==> flow/design.v <==
module u_shft_stage #(
    parameter integer DW = 16,
    parameter integer LG = $clog2(DW)
) (
    input wire clock,
    input wire [DW-1:0] d_i,
    input wire [LG-1:0] sa_i,
    output wire [DW-1:0] dout_o
);
    reg [DW-1:0] d_q;
    reg [LG-1:0] sa_q;
    always @(posedge clock) begin
        d_q <= d_i;
        sa_q <= sa_i;
    end
    wire [DW-1:0] n_ [0:LG];
    assign n_[0] = d_q;
    genvar k;
    generate
        for (k = 0; k < LG; k = k + 1) begin : gen
            assign n_[k+1] = sa_q[k] ? n_[k] << (1 << k) : n_[k];
        end
    endgenerate
    assign dout_o = n_[LG];
endmodule
* Tool chain data of u_shft_stage
Tool output for the design above, in the order of the flow.
Lines are those of the file above, counted from 1.
Operators: Yosys type, input widths -> output width; for muxes data width and select width s.
Library cell names are shortened.
A cell with - has no value.
- Design top :: u_shft_stage
- Clock port :: clock
- Library :: sky130hd
- Timing corner :: tt_025C_1v80

* Word-level counts
Source: Yosys, flattened and elaborated. Widths are those after wreduce; folded enables and synchronous resets count as part of the registers. Registers that Yosys merges into a memory's read port (data or address) are not register bits. Print and check cells do not count. Equal cells are merged and count once.
- Flip-flop bits (word level) :: 20
- Bits of input ports :: 21
- Output and inout bits :: 16
- Elaborated cells :: 6
- Mux-type cells :: 4
** Operators with widths (count)
- $mux 16 :: 4

* Logic depth
Depth = most cells in a row (Yosys ltp): at word level without a register or memory, in the mapped netlist without a sequential cell, where the memories' decode and read muxes count.
- Word-level depth :: 4
- ABC_AREA :: 0
- Depth in mapped cells :: 6
- Depth with buffers taken out :: 4

* Netlist
The flow's flattened synthesis, as Yosys stat reports it; memories are mapped. The netlist is that of the ABC_AREA named above (0 if unset); the other value can give another one.
** Cell types
- dfxtp_1 :: count 20, area in all 400.384 um2
- mux2i_1 :: count 15, area in all 150.144 um2
- mux4_2 :: count 4, area in all 90.086 um2
- mux4_1 :: count 2, area in all 52.55 um2
- a21oi_1 :: count 7, area in all 35.034 um2
- nand2_1 :: count 8, area in all 30.029 um2
- a211oi_2 :: count 2, area in all 25.024 um2
- o21ai_0 :: count 5, area in all 25.024 um2
- o22ai_1 :: count 4, area in all 25.024 um2
- buf_6 :: count 2, area in all 22.522 um2
- and2_1 :: count 3, area in all 18.768 um2
- inv_1 :: count 5, area in all 18.768 um2
- nand3b_1 :: count 2, area in all 15.014 um2
- nor2_1 :: count 4, area in all 15.014 um2
- o211ai_1 :: count 2, area in all 15.014 um2
- o21ai_1 :: count 3, area in all 15.014 um2
- clkbuf_1 :: count 3, area in all 11.261 um2
- mux2_2 :: count 1, area in all 11.261 um2
Other cell types: 11; their cells: 12.
- Cell count :: 104
- Mapped area :: 0.0010485 mm2
- Sequential area :: 0.0004004 mm2
- Flip-flops :: 20
- Buffers :: 8

* Worst setup path after synthesis
Source: OpenSTA report_checks on the synthesized netlist (no wires, ideal clock, input and output delay 20% of the period each), path of least setup slack; recovery checks are left aside. Register names are those of the netlist, which keeps one name where synthesis merged equal registers.
- Path kind :: reg2out
- Start point :: register sa_q[0]
- End point :: output dout_o[15]
- Clock period :: 2.11 ns
- Output delay :: 0.422 ns
- Launch time at the first pin :: 0.000 ns
- Data arrival time :: 1.350 ns
- Required time :: 1.688 ns
- Setup slack :: 0.338 ns
- Delay of the path :: 1.350 ns
- Driving pins on the path :: 5
- Path buffers :: 0
- Period reached after synthesis :: 1.772 ns
"delay of the path" = arrival - input delay + setup time.
A path that ends at an output port has no setup time.
"driving pins on the path" counts driving pins, that of a launching flip-flop among them; a cell with two outputs on the path counts twice.
"period reached after synthesis" is the clock period less the worst setup slack; recovery checks do not enter. This is arithmetic on one report: input and output delays are still those of the set period (20% each).
The rows between start and end are the longest chain of elaborated cells between them; the timing report does not say that the signal goes this way. Where chains are equally long, one stands for them.
A line is the first line of the expression or statement that the cell stems from. Yosys adds cells for indexed reads and writes and turns some case tables into memories.
- Cells stage by stage :: dfxtp_1 -> mux4_2 -> and2_0 -> a211oi_1 -> a21oi_1
- Length of the longest elaborated chain :: 4
- Elaborated cells between the ends (all ways) :: 4
- Source lines of those cells :: 1
- Classes of those cells :: mux: 4
** Ends and longest elaborated chain, after synthesis
- from (decl) :: RTL line 11 : reg [LG-1:0] sa_q;
- from (assign) :: RTL line 14 : sa_q <= sa_i;
- $mux 16 x4 :: RTL line 21 : assign n_[k+1] = sa_q[k] ? n_[k] << (1 << k) : n_[k];
- to (decl) :: RTL line 8 : output wire [DW-1:0] dout_o

* Worst path after layout
From the final timing report of stored run 2: the path of least setup slack in the routed layout; clock arrival at registers is part of the times.
- Path kind :: reg2out
- Start point :: register sa_q[1]
- End point :: output dout_o[11]
- Clock period :: 2.11 ns
- Output delay :: 0.42 ns
- Launch time at the first pin :: 0.28 ns
- Data arrival time :: 1.87 ns
- Required time :: 1.69 ns
- Setup slack :: -0.19 ns
- Driving pins on the path :: 7
- Path buffers :: 3
The rows between start and end are the longest chain of elaborated cells between them; the timing report does not say that the signal goes this way. Where chains are equally long, one stands for them.
- Cells stage by stage :: dfxtp_4 -> buf_4 -> mux4_2 -> mux2i_2 -> buf_4 -> o22ai_1 -> buf_2
- Length of the longest elaborated chain :: 3
- Elaborated cells between the ends (all ways) :: 3
- Source lines of those cells :: 1
- Classes of those cells :: mux: 3
** Ends and longest elaborated chain, post-layout
- from (decl) :: RTL line 11 : reg [LG-1:0] sa_q;
- from (assign) :: RTL line 14 : sa_q <= sa_i;
- $mux 16 x3 :: RTL line 21 : assign n_[k+1] = sa_q[k] ? n_[k] << (1 << k) : n_[k];
- to (decl) :: RTL line 8 : output wire [DW-1:0] dout_o

Memo
Re: implementation data of u_shft_stage

u_shft_stage through Yosys and OpenROAD on sky130hd: 3 stored runs, unordered, with their settings and measured results. The constraints put input and output delay at 20% of the set period each and load the outputs with 0.01 pF.
"critical path time" = time allowed to the worst setup path (clock period - input delay - output delay, where it has them) - its slack; a late launch clock adds to it, a late capture clock takes from it.
By "power consumption" is meant OpenSTA's value without simulated activity: inputs other than the clock are taken to toggle once in ten clock periods, and the tool carries that through the logic.

* Stored run 1
** Files
==> flow/run.sh <==
#!/bin/bash
# the make line also repeats the synthesis and layout settings of config.mk as NAME=value (left out here)
make -C /OpenROAD-flow-scripts/flow DESIGN_CONFIG=/design/flow/config.mk WORK_HOME=/design/flow/orfs CLKGATE_MAP_FILE= finish
==> flow/config.mk <==
export PLATFORM = sky130hd
export DESIGN_NAME = u_shft_stage
export DESIGN_NICKNAME = u_shft_stage
export VERILOG_FILES = /design/flow/design.v
export SDC_FILE = /design/flow/constraint.sdc
export NUM_CORES = 4
export LEC_CHECK = 0
export CAP_MARGIN = 20
export CELL_PAD_IN_SITES_DETAIL_PLACEMENT = 2
export CORE_MARGIN = 2
export CORE_UTILIZATION = 65
export CTS_CLUSTER_DIAMETER = 20
export MAX_ROUTING_LAYER = met4
export PLACE_DENSITY_LB_ADDON = 0.09
export SETUP_SLACK_MARGIN = 0.38
export SLEW_MARGIN = 20
export TNS_END_PERCENT = 20
==> flow/constraint.sdc <==
create_clock -name core_clock -period 1.33 [get_ports {clock}]
set_input_delay 0.2660 -clock core_clock [delete_from_list [all_inputs] [get_ports {clock}]]
set_output_delay 0.2660 -clock core_clock [all_outputs]
set_load 0.01 [all_outputs]
** Results
Stopped before the end: placement reported FLW-0024.

* Stored run 2
** Files
==> flow/run.sh <==
#!/bin/bash
# the make line also repeats the synthesis and layout settings of config.mk as NAME=value (left out here)
make -C /OpenROAD-flow-scripts/flow DESIGN_CONFIG=/design/flow/config.mk WORK_HOME=/design/flow/orfs CLKGATE_MAP_FILE= finish
==> flow/config.mk <==
export PLATFORM = sky130hd
export DESIGN_NAME = u_shft_stage
export DESIGN_NICKNAME = u_shft_stage
export VERILOG_FILES = /design/flow/design.v
export SDC_FILE = /design/flow/constraint.sdc
export NUM_CORES = 4
export LEC_CHECK = 0
export CAP_MARGIN = 20
export CORE_MARGIN = 2
export CORE_UTILIZATION = 40
export SLEW_MARGIN = 20
==> flow/constraint.sdc <==
create_clock -name core_clock -period 2.11 [get_ports {clock}]
set_input_delay 0.4220 -clock core_clock [delete_from_list [all_inputs] [get_ports {clock}]]
set_output_delay 0.4220 -clock core_clock [all_outputs]
set_load 0.01 [all_outputs]
** Results
- Power consumption :: 0.9137 mW
- Chip area after synthesis (Yosys) :: 0.0010485 mm2
- Area of the standard cells in the finished layout :: 0.001833 mm2
- Worst hold slack in the final report :: 0.559 ns
- Critical path time :: 1.87 ns
- Critical path type :: reg2out
- Worst setup slack after layout :: -0.187 ns
- Final setup TNS :: -1.005 ns
- Die size :: 0.003047 mm2

* Stored run 3
** Files
==> flow/run.sh <==
#!/bin/bash
# the make line also repeats the synthesis and layout settings of config.mk as NAME=value (left out here)
make -C /OpenROAD-flow-scripts/flow DESIGN_CONFIG=/design/flow/config.mk WORK_HOME=/design/flow/orfs CLKGATE_MAP_FILE= finish
==> flow/config.mk <==
export PLATFORM = sky130hd
export DESIGN_NAME = u_shft_stage
export DESIGN_NICKNAME = u_shft_stage
export VERILOG_FILES = /design/flow/design.v
export SDC_FILE = /design/flow/constraint.sdc
export NUM_CORES = 4
export LEC_CHECK = 0
export CAP_MARGIN = 20
export CORE_MARGIN = 2
export CORE_UTILIZATION = 19
export CTS_CLUSTER_SIZE = 66
export GPL_ROUTABILITY_DRIVEN = 1
export HOLD_SLACK_MARGIN = 0.12
export MIN_ROUTING_LAYER = met1
export PLACE_DENSITY_LB_ADDON = 0.11
export SETUP_SLACK_MARGIN = 0.88
export SLEW_MARGIN = 20
==> flow/constraint.sdc <==
create_clock -name core_clock -period 3.06 [get_ports {clock}]
set_input_delay 0.6120 -clock core_clock [delete_from_list [all_inputs] [get_ports {clock}]]
set_output_delay 0.6120 -clock core_clock [all_outputs]
set_load 0.01 [all_outputs]
** Results
- Power consumption :: 0.7147 mW
- Chip area after synthesis (Yosys) :: 0.0010485 mm2
- Area of the standard cells in the finished layout :: 0.0019006 mm2
- Worst hold slack in the final report :: 0.790 ns
- Critical path time :: 1.85 ns
- Critical path type :: reg2out
- Worst setup slack after layout :: 0.601 ns
- Final setup TNS :: 0.000 ns
- Die size :: 0.0061285 mm2
